==> flow/design.v <==
module gen_add_unit #(
    parameter DWIDTH = 56
) (
    input ck,
    input [DWIDTH-1:0] a_i,
    input [DWIDTH-1:0] b_i,
    output reg [DWIDTH-1:0] o_o,
    output reg ovf_o
);
    reg [DWIDTH-1:0] g;
    reg [DWIDTH-1:0] p;
    integer i;
    always @* begin
        g = a_i & b_i;
        p = a_i ^ b_i;
        for (i = 1; i < DWIDTH; i = i * 2) begin
            g = g | (p & (g << i));
            p = p & (p << i);
        end
    end
    always @(posedge ck)
        o_o <= a_i ^ b_i ^ {g[DWIDTH-2:0], 1'b0};
    always @(posedge ck)
        ovf_o <= g[DWIDTH-1];
endmodule
---- Tool chain data of gen_add_unit ----
Tool output for the design above, in the order of the flow.
Lines are those of the file above, counted from 1.
Operators carry their Yosys type and port widths (W data, S select, Z words).
Cell names lack the library's common part.
Not given: --
set-up
  top module .............................. gen_add_unit
  clock port .............................. ck
  library ................................. sky130hd
  library corner .......................... tt_025C_1v80

---- After elaboration ----
Yosys after proc, flatten, opt, wreduce and memory -nomap, before mapping. Enables and synchronous resets that opt folds into registers are not counted as muxes. Memory bits, and registers merged into a memory's read port (data or address), are not among the register bits. Print and check cells are not counted. Equal cells are merged and count once.
operators by class
  add/subtract/negate cells ............... 0
  multiply operators ...................... 0
  divide/modulo/power cells ............... 0
  order comparisons ....................... 0
  equality and inequality tests ........... 0
  shift operators ......................... 0
  mux-type cells .......................... 0
  bitwise operators ....................... 20
  reductions and logical operators ........ 0
operators by type and width
  operator          count
  $and A56 B56 Y56  12
  $or A56 B56 Y56   6
  $xor A56 B56 Y56  2
bit counts
  register bits after elaboration ......... 57
  bits in latches ......................... 0
  bits in writable memories ............... 0
  memory bits (read-only) ................. 0
  word width x clocked read ports ......... 0
  memory cells ............................ 0
  bits of input ports ..................... 113
  output and inout bits ................... 57

---- Logic depth ----
Depth = most cells in a row (Yosys ltp): at word level without a register or memory, in the mapped netlist without a sequential cell, where the memories' decode and read muxes count.
logic depth
  word-level depth ........................ 14
  ABC_AREA ................................ 0
  mapped depth ............................ 12
  gate-level depth less buffers ........... 12

---- Netlist ----
Yosys stat after the flow's synthesis: flattened, memories mapped to cells. It holds for the ABC_AREA given above (unset counts as 0); a run with the other value may have another netlist.
Totals and module areas in this step are rounded.
synthesis totals
  standard cells after synthesis .......... 531
  cell area after synthesis ............... 4,600 um2
  area of sequential cells ................ 1,100 um2
  flip-flops .............................. 57
  buffers ................................. 22
cell types
  type      count
  dfxtp_1   57
  ha_1      56
  xnor2_1   36
  a21oi_1   57
  nand2_1   45
  xor2_1    17
  o21ai_0   29
  a21o_1    18
  nor2_1    28
  nand3_1   16
  a31oi_1   10
  nand4_1   10
  o41ai_4   2
  o211ai_1  7
  and3_1    8
  a41oi_2   3
  o21bai_1  6
  and3_2    5
Other cell types: 56; their cells: 121.

---- Worst setup path after synthesis ----
OpenSTA on the mapped netlist: ideal clock, no wires. The path of least setup slack (recovery checks aside). Input and output delay are each 20% of the period. Register names are those of the netlist, which keeps one name where synthesis merged equal registers.
timing path post-synthesis
  kind .................................... input to register
  start ................................... in a_i[0]
  end ..................................... reg o_o[40]
  period .................................. 3.66 ns
  external input delay .................... 0.732 ns
  setup time .............................. 0.120 ns
  arrival ................................. 2.952 ns
  data required time ...................... 3.540 ns
  path slack .............................. 0.588 ns
  delay of the path ....................... 2.340 ns
  stages on the path ...................... 12
  period reached after synthesis .......... 3.072 ns
"delay of the path" is the arrival time less input delay plus setup time.
"stages on the path" counts driving pins, that of a launching flip-flop among them; a cell with two outputs on the path counts twice.
"period reached after synthesis" is the clock period less the worst setup slack; recovery checks do not enter. This is arithmetic on one report: input and output delays are still those of the set period (20% each).
Between the ends stands the longest chain of elaborated cells between them, by number of cells; it is not shown to be the way that was timed. Of several equally long chains one is given.
A line is the first line of the expression or statement that the cell stems from. Yosys adds cells for indexed reads and writes and turns some case tables into memories.
on the way, post-synthesis
  path through ............................ ha_1 > inv_1 > fa_1 > nand2b_1 > a21o_1 > a21oi_2 > a41oi_2 > nor2_2 > nor2_2 > o41ai_4 > a41oi_2 > xnor2_1
  length of the longest elaborated chain .. 12
ends and longest elaborated chain, post-synthesis
  item                RTL line  text
  start, declared     5         input [DWIDTH-1:0] a_i,
  $and A56 B56 Y56    14        g = a_i & b_i;
  $and A56 B56 Y56    17        g = g | (p & (g << i));
  $or A56 B56 Y56     17
  $and A56 B56 Y56    17
  $or A56 B56 Y56     17
  $and A56 B56 Y56    17
  $or A56 B56 Y56 x3  17
  $and A56 B56 Y56    17
  $or A56 B56 Y56     17
  $xor A56 B56 Y56    22        o_o <= a_i ^ b_i ^ {g[DWIDTH-2:0], 1'b0};
  end, assigned       22
  end, declared       7         output reg [DWIDTH-1:0] o_o,

---- Worst path after layout ----
Path of least setup slack in the final report of record 1 (OpenROAD, finished layout, wires in). Where an end is a register, its clock arrival counts in the times.
timing path after layout
  kind .................................... input to register
  start ................................... in a_i[0]
  end ..................................... reg o_o[32]
  period .................................. 3.66 ns
  external input delay .................... 0.73 ns
  setup time .............................. 0.12 ns
  arrival ................................. 3.51 ns
  data required time ...................... 3.88 ns
  path slack .............................. 0.36 ns
  stages on the path ...................... 13
Between the ends stands the longest chain of elaborated cells between them, by number of cells; it is not shown to be the way that was timed. Of several equally long chains one is given.
on the way, after layout
  path through ............................ clkdlybuf4s50_1 > ha_1 > inv_1 > fa_1 > nand2b_1 > a21o_1 > a21oi_2 > a41oi_2 > nor2_2 > nor2_2 > o31ai_1 > a31oi_1 > xnor2_1
  length of the longest elaborated chain .. 13
ends and longest elaborated chain, after layout
  item                RTL line  text
  start, declared     5         input [DWIDTH-1:0] a_i,
  $and A56 B56 Y56    14        g = a_i & b_i;
  $and A56 B56 Y56    17        g = g | (p & (g << i));
  $or A56 B56 Y56     17
  $and A56 B56 Y56    17
  $or A56 B56 Y56     17
  $and A56 B56 Y56    17
  $or A56 B56 Y56     17
  $and A56 B56 Y56    17
  $or A56 B56 Y56     17
  $and A56 B56 Y56    17
  $or A56 B56 Y56 x2  17
  $xor A56 B56 Y56    22        o_o <= a_i ^ b_i ^ {g[DWIDTH-2:0], 1'b0};
  end, assigned       22
  end, declared       7         output reg [DWIDTH-1:0] o_o,

Wiki page: gen_add_unit / flow data

Below are 2 stored runs of the flow (Yosys, OpenROAD; platform sky130hd) on gen_add_unit, each with its settings and what was measured, unordered. Constraints: input delay and output delay 20% of the set period each, output load 0.01 pF.
By "critical path time" is meant the share of the clock period that the worst setup path is allowed (20% is reserved at inputs, 20% at outputs), minus its slack. Clock arrival times at its registers enter into it.
"total design power" is the tool's figure for a default switching activity; nothing was simulated.
Measured values are rounded.

---- record 1 ----
settings
  period_ns = 3.66
  CAP_MARGIN = 20
  CORE_MARGIN = 2
  CORE_UTILIZATION = 40
  SLEW_MARGIN = 20
results
  critical path time ...................... 2.57 ns
  critical path type ...................... input to register
  total negative setup slack .............. 0.000 ns
  area inside the die boundary ............ 12,000 um2
  post-layout utilization ................. 0.61
  smallest setup slack .................... 0.36 ns
  lowest hold slack ....................... 0.99 ns
  netlist area reported by Yosys .......... 4,600 um2
  total design power ...................... 2.8 mW

---- record 2 ----
settings
  period_ns = 2.46
  CORE_UTILIZATION = 46
  SETUP_SLACK_MARGIN = 0.2
  PLACE_DENSITY_LB_ADDON = 0.25
  CORE_ASPECT_RATIO = 0.68
  TNS_END_PERCENT = 15
  GPL_TIMING_DRIVEN = 0
  GPL_ROUTABILITY_DRIVEN = 0
  CTS_CLUSTER_DIAMETER = 22
  CAP_MARGIN = 35
  MIN_ROUTING_LAYER = met2
  CORE_MARGIN = 2
  SLEW_MARGIN = 20
results
  did not finish, routing stopped with GRT-0232
